==> flow/design.v <==
module dp_adder_blk #(
  parameter XLEN = 24,
  parameter CHUNK = 3
) (
  input wire clk,
  input wire [XLEN-1:0] u,
  input wire [XLEN-1:0] v,
  input wire cin,
  output reg [XLEN-1:0] s,
  output reg carry_out
);
  localparam GROUPS = XLEN / CHUNK;
  wire [XLEN-1:0] r;
  wire [GROUPS:0] carry;
  assign carry[0] = cin;
  genvar i;
  generate
    for (i = 0; i < GROUPS; i = i + 1) begin : blk
      wire [CHUNK:0] s0 = u[i*CHUNK +: CHUNK] + v[i*CHUNK +: CHUNK];
      wire [CHUNK:0] s1 = u[i*CHUNK +: CHUNK] + v[i*CHUNK +: CHUNK] + 1'b1;
      assign {carry[i+1], r[i*CHUNK +: CHUNK]} = carry[i] ? s1 : s0;
    end
  endgenerate
  always @(posedge clk) begin
    s <= r;
    carry_out <= carry[GROUPS];
  end
endmodule
; ---- From RTL to reports: dp_adder_blk
; A sweep over "XLEN": the same steps for each member of the family.
; The file above is the member XLEN = 24. Line numbers count from 1 in each member's own file.
; Cell names lack the library's common part.
; The mark -- stands for no value.
[design]
top = dp_adder_blk
clock = clk
cell_library = sky130hd
lib_corner = tt_025C_1v80

; ---- Source of the members
; New or changed lines of each further member against the RTL above, in its own file; lines it lacks are not shown.
[changed_lines]
columns = XLEN, line
row1 = 48, 2  ; parameter XLEN = 48,
row2 = 72, 2  ; parameter XLEN = 72,
row3 = 96, 2  ; parameter XLEN = 96,

; ---- After elaboration
; Counts by Yosys on the flattened word-level netlist (proc, flatten, opt, wreduce; memories kept). Register bits leave out memories and registers merged into their read ports (data or address); mux counts leave out enables and synchronous resets folded into registers. Print and check cells are left out. Cells with the same type and inputs are merged into one.
[op_classes]
columns = XLEN, add_sub_neg, muxes
row1 = 24, 16, 8
row2 = 48, 32, 16
row3 = 72, 48, 24
row4 = 96, 64, 32
[ops]
columns = XLEN, op_list
row1 = 24, 8 x adder 3 x 3 -> 4 bit; 8 x adder 4 x 1 -> 4 bit with constant B; 8 x 2-to-1 mux 4 bit
row2 = 48, 16 x adder 3 x 3 -> 4 bit; 16 x adder 4 x 1 -> 4 bit with constant B; 16 x 2-to-1 mux 4 bit
row3 = 72, 24 x adder 3 x 3 -> 4 bit; 24 x adder 4 x 1 -> 4 bit with constant B; 24 x 2-to-1 mux 4 bit
row4 = 96, 32 x adder 3 x 3 -> 4 bit; 32 x adder 4 x 1 -> 4 bit with constant B; 32 x 2-to-1 mux 4 bit
[word_totals]
columns = XLEN, elab_cells, reg_bits
row1 = 24, 26, 25
row2 = 48, 50, 49
row3 = 72, 74, 73
row4 = 96, 98, 97

; ---- Longest topological paths
; Depth = most cells in a row (Yosys ltp): at word level without a register or memory, in the mapped netlist without a sequential cell, where the memories' decode and read muxes count.
[depth]
columns = XLEN, word_depth, ABC_AREA, ltp_mapped
row1 = 24, 10, 0, 15
row2 = 48, 18, 0, 23
row3 = 72, 26, 0, 30
row4 = 96, 34, 0, 36

; ---- Synthesis result
; Yosys stat after the flow's synthesis: flattened, memories mapped to cells. It holds for the ABC_AREA given above (unset counts as 0); a run with the other value may have another netlist.
; Totals and module areas in this step are rounded.
[mapped]
columns = XLEN, ffs, area_mm2, cells
row1 = 24, 25, 0.00183, 183
row2 = 48, 49, 0.00405, 413
row3 = 72, 73, 0.00606, 625
row4 = 96, 97, 0.00795, 810
[types]
columns = XLEN, type_list
row1 = 24, 25 x dfxtp_1; 32 x ha_1; 8 x fa_1; 14 x xnor2_1; 13 x xor2_1; 8 x a21o_1; 16 x nand2_1; 14 x inv_1; 9 x nand3_1; 5 x and3_1; 6 x a21oi_1; 4 x a31oi_1; 2 x mux2_2; 3 x and2_1; 3 x nand4_1; 1 x xor2_2; 1 x mux2_4; 3 x o21ai_0; (+16)
row2 = 48, 49 x dfxtp_1; 64 x ha_1; 16 x fa_1; 28 x xnor2_1; 27 x xor2_1; 19 x a21o_1; 12 x mux2_2; 23 x nand3_1; 30 x nand2_1; 12 x and3_1; 18 x inv_1; 12 x a21oi_1; 15 x nor2_1; 8 x nand4_1; 10 x nor3_1; 8 x nor4_1; 2 x nor4_4; 3 x a2111o_1; (+57)
row3 = 72, 73 x dfxtp_1; 96 x ha_1; 24 x fa_1; 43 x xor2_1; 41 x xnor2_1; 33 x a21o_1; 47 x nand3_1; 48 x nand2_1; 13 x mux2_2; 21 x and3_1; 21 x a21oi_1; 10 x mux2i_1; 16 x nand4_1; 15 x nor4_1; 24 x nor2_1; 9 x a31oi_1; 15 x inv_1; 5 x mux2_1; (+71)
row4 = 96, 97 x dfxtp_1; 128 x ha_1; 32 x fa_1; 58 x xor2_1; 56 x xnor2_1; 43 x a21o_1; 27 x mux2_2; 54 x nand3_1; 58 x nand2_1; 29 x and3_1; 28 x nand4_1; 24 x nor4_1; 29 x a21oi_1; 31 x nor2_1; 10 x mux2i_1; 13 x a31oi_1; 21 x inv_1; 3 x nor4_4; (+69)
; A list marked (+n) leaves out that many cells.

; ---- Timing after synthesis
; Path of least setup slack by OpenSTA after synthesis, without wires, with an ideal clock, recovery checks aside; 20% of the period is set as input and as output delay. Where synthesis merged equal registers, the netlist keeps one of their names.
[synth_timing]
columns = XLEN, path_type, startpoint, endpoint, clock_period_ps, setup_slack_ps, delay_ps, driving_pins, period_less_setup_slack_ps
row1 = 24, input port to flip-flop, input port u[0], register s[22], 4840, 776, 3096, 13, 4064
row2 = 48, input port to flip-flop, input port u[0], register s[46], 8160, 1305, 5224, 20, 6855
row3 = 72, input port to flip-flop, input port u[0], register s[67], 11400, 1852, 7268, 28, 9548
row4 = 96, input port to flip-flop, input port u[0], register s[94], 14300, 2285, 9156, 34, 12015
; "delay_ps" is the arrival time less input delay plus setup time.
; "driving_pins" counts driving pins, that of a launching flip-flop among them; a cell with two outputs on the path counts twice.
; "period_less_setup_slack_ps" is the clock period less the worst setup slack; recovery checks do not enter. This is arithmetic on one report: input and output delays are still those of the set period (20% each).
; Between the ends stands the longest chain of elaborated cells between them, by number of cells; it is not shown to be the way that was timed. Of several equally long chains one is given.
; A line is the first line of the expression or statement that the cell stems from. Yosys adds cells for indexed reads and writes and turns some case tables into memories.
[synth_between_XLEN_24]
elab_chain_len = 10
[synth_rtl_XLEN_24]
columns = element, line
row1 = "start, declared", 6  ; input wire [XLEN-1:0] u,
row2 = adder 3 x 3 -> 4 bit, 20  ; wire [CHUNK:0] s1 = u[i*CHUNK +: CHUNK] + v[i*CHUNK +: CHUNK] + 1'b1;
row3 = adder 4 x 1 -> 4 bit, 20
row4 = 2-to-1 mux 4 bit (8 in a row), 21  ; assign {carry[i+1], r[i*CHUNK +: CHUNK]} = carry[i] ? s1 : s0;
row5 = "end, assigned", 25  ; s <= r;
row6 = "end, declared", 9  ; output reg [XLEN-1:0] s,
[synth_between_XLEN_96]
elab_chain_len = 34
[synth_rtl_XLEN_96]
columns = element, line
row1 = "start, declared", 6  ; input wire [XLEN-1:0] u,
row2 = adder 3 x 3 -> 4 bit, 20  ; wire [CHUNK:0] s1 = u[i*CHUNK +: CHUNK] + v[i*CHUNK +: CHUNK] + 1'b1;
row3 = adder 4 x 1 -> 4 bit, 20
row4 = 2-to-1 mux 4 bit (32 in a row), 21  ; assign {carry[i+1], r[i*CHUNK +: CHUNK]} = carry[i] ? s1 : s0;
row5 = "end, assigned", 25  ; s <= r;
row6 = "end, declared", 9  ; output reg [XLEN-1:0] s,

; ---- Timing after layout
; From the final timing report of the run of each member: the path of least setup slack in the routed layout; clock arrival at registers is part of the times.
; The path's times are printed in steps of 10 ps; the period is the one set.
[layout_timing]
columns = XLEN, path_type, startpoint, endpoint, driving_pins, setup_slack_ps, arrival_ps, clock_period_ps
row1 = 24, input port to flip-flop, input port u[0], register s[22], 14, 490, 4520, 4840
row2 = 48, input port to flip-flop, input port u[0], register s[47], 22, 740, 7650, 8160
row3 = 72, input port to flip-flop, input port u[0], register s[67], 28, 820, 10820, 11400
row4 = 96, input port to flip-flop, input port u[0], register s[94], 35, 830, 13700, 14300

; ---- Layout results
; One run of the flow (Yosys, OpenROAD) for each member, with settings and measured results. Input and output delays are each 20% of the period that was set; the output load is 0.01 pF.
[settings]
CAP_MARGIN = 20
CORE_MARGIN = 2
CORE_UTILIZATION = 40
SLEW_MARGIN = 20
[settings_diff]
columns = XLEN, period_ns
row1 = 24, 4.84
row2 = 48, 8.16
row3 = 72, 11.4
row4 = 96, 14.3
[measured]
columns = XLEN, total_die_area_mm2, setup_ws_ps, power_total_w, synthesis_area_mm2, final_hold_ws_ps, finalCellArea_mm2, achieved_period_ps
row1 = 24, 0.00514, 486, 0.000767, 0.00183, 1380, 0.00268, 4354
row2 = 48, 0.0109, 743, 0.000935, 0.00405, 1990, 0.00573, 7417
row3 = 72, 0.0161, 816, 0.00117, 0.00606, 2600, 0.00874, 10584
row4 = 96, 0.021, 833, 0.00118, 0.00795, 3180, 0.0115, 13467
; "achieved_period_ps" = clock period - worst setup slack. The figure is calculated, with input and output delays left at 20% of the set period.
; "power_total_w" is the tool's figure for a default switching activity; nothing was simulated.
; Results are given in rounded form.
